==> flow/design.v <==
module gen_cmp_unit (sys_clk, aresetn, i_op_a, i_op_b, o_is_gt);
    parameter WIDTH = 16;
    input sys_clk;
    input aresetn;
    input [WIDTH-1:0] i_op_a;
    input [WIDTH-1:0] i_op_b;
    output reg o_is_gt;
    always @(posedge sys_clk or negedge aresetn) begin
        if (~aresetn) begin
            o_is_gt <= 1'b0;
        end else begin
            o_is_gt <= (i_op_a > i_op_b);
        end
    end
endmodule
## Tool chain data of gen_cmp_unit

The steps from the RTL of gen_cmp_unit to its reports follow in flow order.
Lines are those of the file above, counted from 1.
Library cell names are shortened.
A cell with -- has no value.

- Top: gen_cmp_unit
- Clock port: sys_clk
- Library: sky130hd
- Library corner: tt_025C_1v80

## Word level

Counts by Yosys on the flattened word-level netlist (proc, flatten, opt, wreduce; memories kept). Register bits leave out memories and registers merged into their read ports (data or address); mux counts leave out enables and synchronous resets folded into registers. Print and check cells are left out. Cells with the same type and inputs are merged into one.

- Bits in latches: 0
- Word-level cells: 2
- Clocked read ports x word width: 0
- Bits in writable memories: 0
- Memories kept: 0
- Register bits after elaboration: 1
- Output and inout bits: 1
- Memory bits (read-only): 0

- Muxes and demuxes: 0
- Divide/modulo/power cells: 0
- $lt $le $gt $ge: 1
- Add/sub/neg operators: 0
- Shift-type cells: 0
- $mul: 0
- Reduce/logical cells: 0
- Eq/ne operators: 0
- Bitwise operators: 0

Operators with widths:

| kind | number |
|---|---|
| 16-bit greater-than comparator | 1 |

## Depth

Yosys ltp: most cells in a row. Word level: on the elaborated netlist, between registers, memories and ports. Mapped: between sequential cells and ports; inverters and the memories' decode and read muxes count.

- Depth in word-level cells: 1
- ABC_AREA: 0
- Mapped depth: 6

## Netlist

Yosys stat after the flow's synthesis: flattened, memories mapped to cells. It holds for the ABC_AREA given above (unset counts as 0); a run with the other value may have another netlist.

Cell types:

| type | number |
|---|---|
| ha_1 | 16 |
| inv_1 | 16 |
| a21oi_1 | 6 |
| dfrtp_1 | 1 |
| nand4_1 | 3 |
| nor4_2 | 1 |
| a21boi_2 | 1 |
| nand2_1 | 3 |
| a221o_1 | 1 |
| nand3_1 | 2 |
| o21ai_0 | 2 |
| o31a_1 | 1 |
| a21o_1 | 1 |
| and2_1 | 1 |
| nor2b_1 | 1 |
| nor2_1 | 1 |

- Cell count: 57
- Flip-flop cells: 1
- Cell area after synthesis: 0.0004317 mm^2
- Buffer cells: 0

## Path before layout

OpenSTA on the mapped netlist: ideal clock, no wires. The path of least setup slack (recovery checks aside). Input and output delay are each 20% of the period. Register names are those of the netlist, which keeps one name where synthesis merged equal registers.

- Kind: in2reg
- Start point: input port i_op_b[14]
- End point: register o_is_gt
- External input delay: 386 ps
- Required time: 1806 ps
- Clock period: 1930 ps
- Launch time at the first pin: 386 ps
- Path delay: 1234 ps
- Stages on the path: 6
- Setup time: 124 ps
- Path slack: 310 ps
- Arrival: 1496 ps
- Synthesis period reached: 1620 ps

"path delay" = arrival - input delay + setup time.
"stages on the path" counts driving pins, that of a launching flip-flop among them; a cell with two outputs on the path counts twice.
"synthesis period reached" is the clock period less the worst setup slack; recovery checks do not enter. This is arithmetic on one report: input and output delays are still those of the set period (20% each).
Between the ends stands the longest chain of elaborated cells between them, by number of cells; it is not shown to be the way that was timed. Of several equally long chains one is given.
A line is the first line of the expression or statement that the cell stems from. Yosys adds cells for indexed reads and writes and turns some case tables into memories.

- Cells stage by stage: inv_1 -> ha_1 -> a21oi_1 -> nand2_1 -> a221o_1 -> o31a_1
- Cells in the longest elaborated chain: 1
- Elaborated cells between the ends (all ways): 1
- RTL lines with such cells: 1
- Classes of those cells: 1 x compare

RTL lines, path post-synthesis:

| element | RTL line | RTL |
|---|---|---|
| start, declared | 6 | `input [WIDTH-1:0] i_op_b;` |
| 16-bit greater-than comparator | 12 | `o_is_gt <= (i_op_a > i_op_b);` |
| end, assigned | 10 | `o_is_gt <= 1'b0;` |
| end, assigned | 12 |  |
| end, declared | 7 | `output reg o_is_gt;` |

## Path in the finished layout

Path of least setup slack in the final report of flow run 1 (OpenROAD, finished layout, wires in). Where an end is a register, its clock arrival counts in the times.
The report prints the path's times to 10 ps; the period is as set.

- Kind: in2reg
- Start point: input port i_op_b[14]
- End point: register o_is_gt
- Stages on the path: 7
- Setup time: 130 ps
- Clock period: 2690 ps
- Arrival: 2240 ps
- External input delay: 540 ps
- Path slack: 320 ps
- Required time: 2560 ps
- Launch time at the first pin: 540 ps

Between the ends stands the longest chain of elaborated cells between them, by number of cells; it is not shown to be the way that was timed. Of several equally long chains one is given.

- Cells stage by stage: clkdlybuf4s50_1 -> inv_1 -> ha_1 -> a21oi_1 -> nand2_1 -> a221o_1 -> o31a_1
- Cells in the longest elaborated chain: 1
- Elaborated cells between the ends (all ways): 1
- RTL lines with such cells: 1
- Classes of those cells: 1 x compare

RTL lines, path post-layout:

| element | RTL line | RTL |
|---|---|---|
| start, declared | 6 | `input [WIDTH-1:0] i_op_b;` |
| 16-bit greater-than comparator | 12 | `o_is_gt <= (i_op_a > i_op_b);` |
| end, assigned | 10 | `o_is_gt <= 1'b0;` |
| end, assigned | 12 |  |
| end, declared | 7 | `output reg o_is_gt;` |

Appendix: measured runs

Top module gen_cmp_unit; platform sky130hd; tools Yosys and OpenROAD; 3 stored runs in no particular order. Input and output delays are each 20% of the period that was set; the output load is 0.01 pF.
"achieved period" means the clock period less the worst setup slack. The figure is calculated, with input and output delays left at 20% of the set period.
"allowed time less slack (worst setup path)" is the time allowed to the run's worst setup path (the clock period less input and output delay, where it has them) less its slack. Clock arrival times count: a late capture clock shortens it, a late launch clock lengthens it.
"total power of the final layout" rests on the timing tool's default activity at the inputs, not on a simulated workload.
"allowed time less slack (worst setup path)" is known to 10 ps.

### Flow run 1

==> flow/run.sh <==
#!/bin/bash
# the make line also repeats the synthesis and layout settings of config.mk as NAME=value (left out here)
make -C /OpenROAD-flow-scripts/flow DESIGN_CONFIG=/design/flow/config.mk WORK_HOME=/design/flow/orfs CLKGATE_MAP_FILE= finish
==> flow/config.mk <==
export PLATFORM = sky130hd
export DESIGN_NAME = gen_cmp_unit
export DESIGN_NICKNAME = gen_cmp_unit
export VERILOG_FILES = /design/flow/design.v
export SDC_FILE = /design/flow/constraint.sdc
export NUM_CORES = 4
export LEC_CHECK = 0
export CAP_MARGIN = 25
export CELL_PAD_IN_SITES_DETAIL_PLACEMENT = 2
export CELL_PAD_IN_SITES_GLOBAL_PLACEMENT = 0
export CORE_MARGIN = 2
export CORE_UTILIZATION = 25
export MAX_ROUTING_LAYER = met4
export PLACE_DENSITY_LB_ADDON = 0.15
export SETUP_SLACK_MARGIN = -0.06
export SLEW_MARGIN = 20
==> flow/constraint.sdc <==
create_clock -name core_clock -period 2.69 [get_ports {sys_clk}]
set_input_delay 0.5380 -clock core_clock [delete_from_list [all_inputs] [get_ports {sys_clk}]]
set_output_delay 0.5380 -clock core_clock [all_outputs]
set_load 0.01 [all_outputs]

Results of flow run 1:
- Die area: 0.0020753 mm^2
- Sum of negative setup slack: 0 ps
- Total power of the final layout: 0.0001245 W
- Standard-cell area after layout: 0.0007933 mm^2
- Utilization in the final report: 0.475
- Achieved period: 2369 ps
- Allowed time less slack (worst setup path): 1830 ps
- Class of the worst setup path: in2reg
- Chip area after synthesis (Yosys): 0.0004317 mm^2
- Worst slack on setup checks: 321 ps

### Flow run 2

==> flow/run.sh <==
#!/bin/bash
# the make line also repeats the synthesis and layout settings of config.mk as NAME=value (left out here)
make -C /OpenROAD-flow-scripts/flow DESIGN_CONFIG=/design/flow/config.mk WORK_HOME=/design/flow/orfs CLKGATE_MAP_FILE= finish
==> flow/config.mk <==
export PLATFORM = sky130hd
export DESIGN_NAME = gen_cmp_unit
export DESIGN_NICKNAME = gen_cmp_unit
export VERILOG_FILES = /design/flow/design.v
export SDC_FILE = /design/flow/constraint.sdc
export NUM_CORES = 4
export LEC_CHECK = 0
export CAP_MARGIN = 20
export CORE_MARGIN = 2
export CORE_UTILIZATION = 50
export GPL_ROUTABILITY_DRIVEN = 0
export MIN_ROUTING_LAYER = met1
export PLACE_DENSITY = 0.71
export SETUP_SLACK_MARGIN = 0.2
export SLEW_MARGIN = 20
==> flow/constraint.sdc <==
create_clock -name core_clock -period 1.04 [get_ports {sys_clk}]
set_input_delay 0.2080 -clock core_clock [delete_from_list [all_inputs] [get_ports {sys_clk}]]
set_output_delay 0.2080 -clock core_clock [all_outputs]
set_load 0.01 [all_outputs]

Outcome of flow run 2: not finished: floorplanning ended with error PDN-0185

### Flow run 3

==> flow/run.sh <==
#!/bin/bash
# the make line also repeats the synthesis and layout settings of config.mk as NAME=value (left out here)
make -C /OpenROAD-flow-scripts/flow DESIGN_CONFIG=/design/flow/config.mk WORK_HOME=/design/flow/orfs CLKGATE_MAP_FILE= finish
==> flow/config.mk <==
export PLATFORM = sky130hd
export DESIGN_NAME = gen_cmp_unit
export DESIGN_NICKNAME = gen_cmp_unit
export VERILOG_FILES = /design/flow/design.v
export SDC_FILE = /design/flow/constraint.sdc
export NUM_CORES = 4
export LEC_CHECK = 0
export CAP_MARGIN = 20
export CORE_MARGIN = 2
export CORE_UTILIZATION = 40
export SLEW_MARGIN = 20
==> flow/constraint.sdc <==
create_clock -name core_clock -period 1.93 [get_ports {sys_clk}]
set_input_delay 0.3860 -clock core_clock [delete_from_list [all_inputs] [get_ports {sys_clk}]]
set_output_delay 0.3860 -clock core_clock [all_outputs]
set_load 0.01 [all_outputs]

Outcome of flow run 3: not finished: clock tree synthesis ended with error DPL-0033
